==> flow/design.v <==
module ram_block_stage #(
  parameter int DEPTH = 24,
  parameter int WD = 4,
  parameter int AW = $clog2(DEPTH)
) (
  input logic clk_i,
  input logic i_rst,
  input logic adv,
  input logic we_in,
  input logic [AW-1:0] wr_addr_in,
  input logic [WD-1:0] d_in,
  input logic [AW-1:0] rsel0_in,
  input logic [AW-1:0] rsel1_in,
  output logic [WD-1:0] rd0_out,
  output logic [WD-1:0] rd1_out
);
  logic [WD-1:0] store [0:DEPTH-1];
  always_ff @(posedge clk_i) begin
    if (adv && we_in)
      store[wr_addr_in] <= d_in;
  end
  logic [WD-1:0] rd0_ff;
  assign rd0_out = rd0_ff;
  logic [WD-1:0] rd1_ff;
  assign rd1_out = rd1_ff;
  always_ff @(posedge clk_i) begin
    if (i_rst) begin
      rd0_ff <= 0;
      rd1_ff <= 0;
    end else if (adv) begin
      rd0_ff <= store[rsel0_in];
      rd1_ff <= store[rsel1_in];
    end
  end
endmodule
Tool chain data of ram_block_stage
Tool output for the design above, in the order of the flow.
Line numbers count from 1 in the design file above.
Library cell names are shortened.
{"block": "inputs", "design": "ram_block_stage", "clk_port": "clk_i", "cell_library": "sky130hd", "corner": "tt_025C_1v80"}

Elaborated design
Source: Yosys, flattened and elaborated, memories not mapped. Widths are those after wreduce; folded enables and synchronous resets count as part of the registers. Registers that Yosys merges into a memory's read port (data or address) are not register bits. Print and check cells do not count. Equal cells are merged and count once.
Memory sizes are those after Yosys's memory passes, which may raise the word count (mostly to a power of two), join words into wider ones and drop unused or constant bits.
{"block": "bits", "reg_bits": 0, "mem_bits_rw": 96, "clocked_rd_ports_x_width": 8, "memories": 1, "in_bits": 23, "wordCells": 5}
{"block": "memory_table", "memory": "store", "words": 24, "width": 4, "rd": 2, "wr": 1, "line": 17, "source": "logic [WD-1:0] store [0:DEPTH-1];"}
{"block": "classes", "mux": 3, "n_reduce_logical": 1}
{"block": "op_table", "op": "5-bit 2-to-1 mux", "n": 1}
{"block": "op_table", "op": "4-bit 2-to-1 mux", "n": 1}
{"block": "op_table", "op": "1-bit logical AND", "n": 1}
{"block": "op_table", "op": "1-bit 2-to-1 mux", "n": 1}

Depth
Depth = most cells in a row (Yosys ltp): at word level without a register or memory, in the mapped netlist without a sequential cell, where the memories' decode and read muxes count.
{"block": "logic_depth", "depth_word": 2, "abc_area": 0, "depth_mapped": 6}

Netlist
The flow's flattened synthesis, as Yosys stat reports it; memories are mapped. The netlist is that of the ABC_AREA named above (0 if unset); the other value can give another one.
Totals and module areas in this step are rounded.
{"block": "mapped", "cell_count": 332, "mapped_area_um2": 5020, "ff_cells": 104, "buffers": 20}
{"block": "types", "cell_type": "edfxtp_1", "n": 96, "type_area_um2": 2.88E+03}
{"block": "types", "cell_type": "mux2i_1", "n": 48, "type_area_um2": 480.461}
{"block": "types", "cell_type": "mux4_2", "n": 15, "type_area_um2": 337.824}
{"block": "types", "cell_type": "mux4_1", "n": 9, "type_area_um2": 236.477}
{"block": "types", "cell_type": "dfxtp_1", "n": 8, "type_area_um2": 160.154}
{"block": "types", "cell_type": "nor2_1", "n": 37, "type_area_um2": 138.883}
{"block": "types", "cell_type": "a22oi_1", "n": 12, "type_area_um2": 90.086}
{"block": "types", "cell_type": "nand2_1", "n": 20, "type_area_um2": 75.072}
{"block": "types", "cell_type": "a311oi_1", "n": 8, "type_area_um2": 70.067}
{"block": "types", "cell_type": "a21oi_1", "n": 12, "type_area_um2": 60.058}
{"block": "types", "cell_type": "a31oi_1", "n": 8, "type_area_um2": 50.048}
{"block": "types", "cell_type": "mux2_2", "n": 4, "type_area_um2": 45.043}
{"block": "types", "cell_type": "clkbuf_8", "n": 3, "type_area_um2": 41.29}
{"block": "types", "cell_type": "nand3_1", "n": 8, "type_area_um2": 40.038}
{"block": "types", "cell_type": "a22o_1", "n": 4, "type_area_um2": 35.034}
{"block": "types", "cell_type": "nand4_1", "n": 5, "type_area_um2": 31.28}
{"block": "types", "cell_type": "nor2b_1", "n": 5, "type_area_um2": 31.28}
{"block": "types", "cell_type": "buf_4", "n": 4, "type_area_um2": 30.029}
Other cell types: 15; their cells: 26.

Worst setup path after synthesis
Path of least setup slack by OpenSTA after synthesis, without wires, with an ideal clock, recovery checks aside; 20% of the period is set as input and as output delay. Where synthesis merged equal registers, the netlist keeps one of their names.
{"block": "synth_path", "path_type": "input port to flip-flop", "startpoint": "input port rsel0_in[1]", "endpoint": "register rd0_ff[1]", "clock_period_ps": 1970, "input_delay_ps": 394, "setup_time_ps": 128, "arrival_ps": 1527, "setup_slack_ps": 315, "delay_ps": 1261, "stages": 5, "period_less_setup_slack_ps": 1655}
"delay_ps" = arrival - input delay + setup time.
"stages" counts driving pins, that of a launching flip-flop among them; a cell with two outputs on the path counts twice.
"period_less_setup_slack_ps" = period - worst setup slack (recovery checks aside). The figure is calculated, with input and output delays left at 20% of the set period.
{"block": "synth_between", "path_cell_list": "buf_2 mux4_2 mux2_2 nand2_1 a311oi_1"}
{"block": "synth_lines", "item": "start: declaration", "line": 12, "source": "input logic [AW-1:0] rsel0_in,"}
{"block": "synth_lines", "item": "end: declaration", "line": 22, "source": "logic [WD-1:0] rd0_ff;"}
Chain of elaborated cells between the ends: none given.

Timing after layout
From the final timing report of run 1: the path of least setup slack in the routed layout; clock arrival at registers is part of the times.
The path's times are printed in steps of 10 ps; the period is the one set.
{"block": "layout_path", "path_type": "input port to flip-flop", "startpoint": "input port rsel0_in[1]", "endpoint": "register rd0_ff[1]", "clock_period_ps": 1970, "input_delay_ps": 390, "setup_time_ps": 120, "arrival_ps": 2050, "setup_slack_ps": 150, "stages": 6}
{"block": "layout_between", "path_cell_list": "clkdlybuf4s50_1 buf_12 mux4_2 mux2_2 nand2_1 a311oi_1"}
{"block": "layout_lines", "item": "start: declaration", "line": 12, "source": "input logic [AW-1:0] rsel0_in,"}
{"block": "layout_lines", "item": "end: declaration", "line": 22, "source": "logic [WD-1:0] rd0_ff;"}
Chain of elaborated cells between the ends: none given.

Appendix: measured runs

Design ram_block_stage on sky130hd. What follows are 2 stored runs of the flow, each under its own settings; their order means nothing. The constraints put input and output delay at 20% of the set period each and load the outputs with 0.01 pF.
"period_less_ws_ps": clock period set for the run, less the worst setup slack. It is reckoned from that one timing run; input and output delays stay at 20% of the period that was set.
"final_power_mw" is the tool's figure for a default switching activity; nothing was simulated.
Results are given in rounded form.

{"run": "run 1", "settings": { "period_ns": 1.97, "CAP_MARGIN": 20, "CORE_MARGIN": 2, "CORE_UTILIZATION": 40, "SLEW_MARGIN": 20 }, "results": { "yosys.chip_area_um2": 5020, "design.die.area_um2": 13500, "post_route_stdcell_area_um2": 6140, "setup_ws_ps": 146, "timing.setup.tns_ps": 0, "final_hold_ws_ps": 500, "final_power_mw": 4.57, "period_less_ws_ps": 1824 }}
{"run": "run 2", "settings": { "period_ns": 1.29, "CORE_UTILIZATION": 68, "PLACE_DENSITY": 0.93, "CORE_ASPECT_RATIO": 1.95, "CELL_PAD_IN_SITES_GLOBAL_PLACEMENT": 1, "ABC_AREA": 1, "CTS_CLUSTER_SIZE": 93, "CAP_MARGIN": 20, "SLEW_MARGIN": 30, "MIN_ROUTING_LAYER": "met2", "CORE_MARGIN": 2 }, "outcome": "stopped before the end: placement reported GPL-0301"}
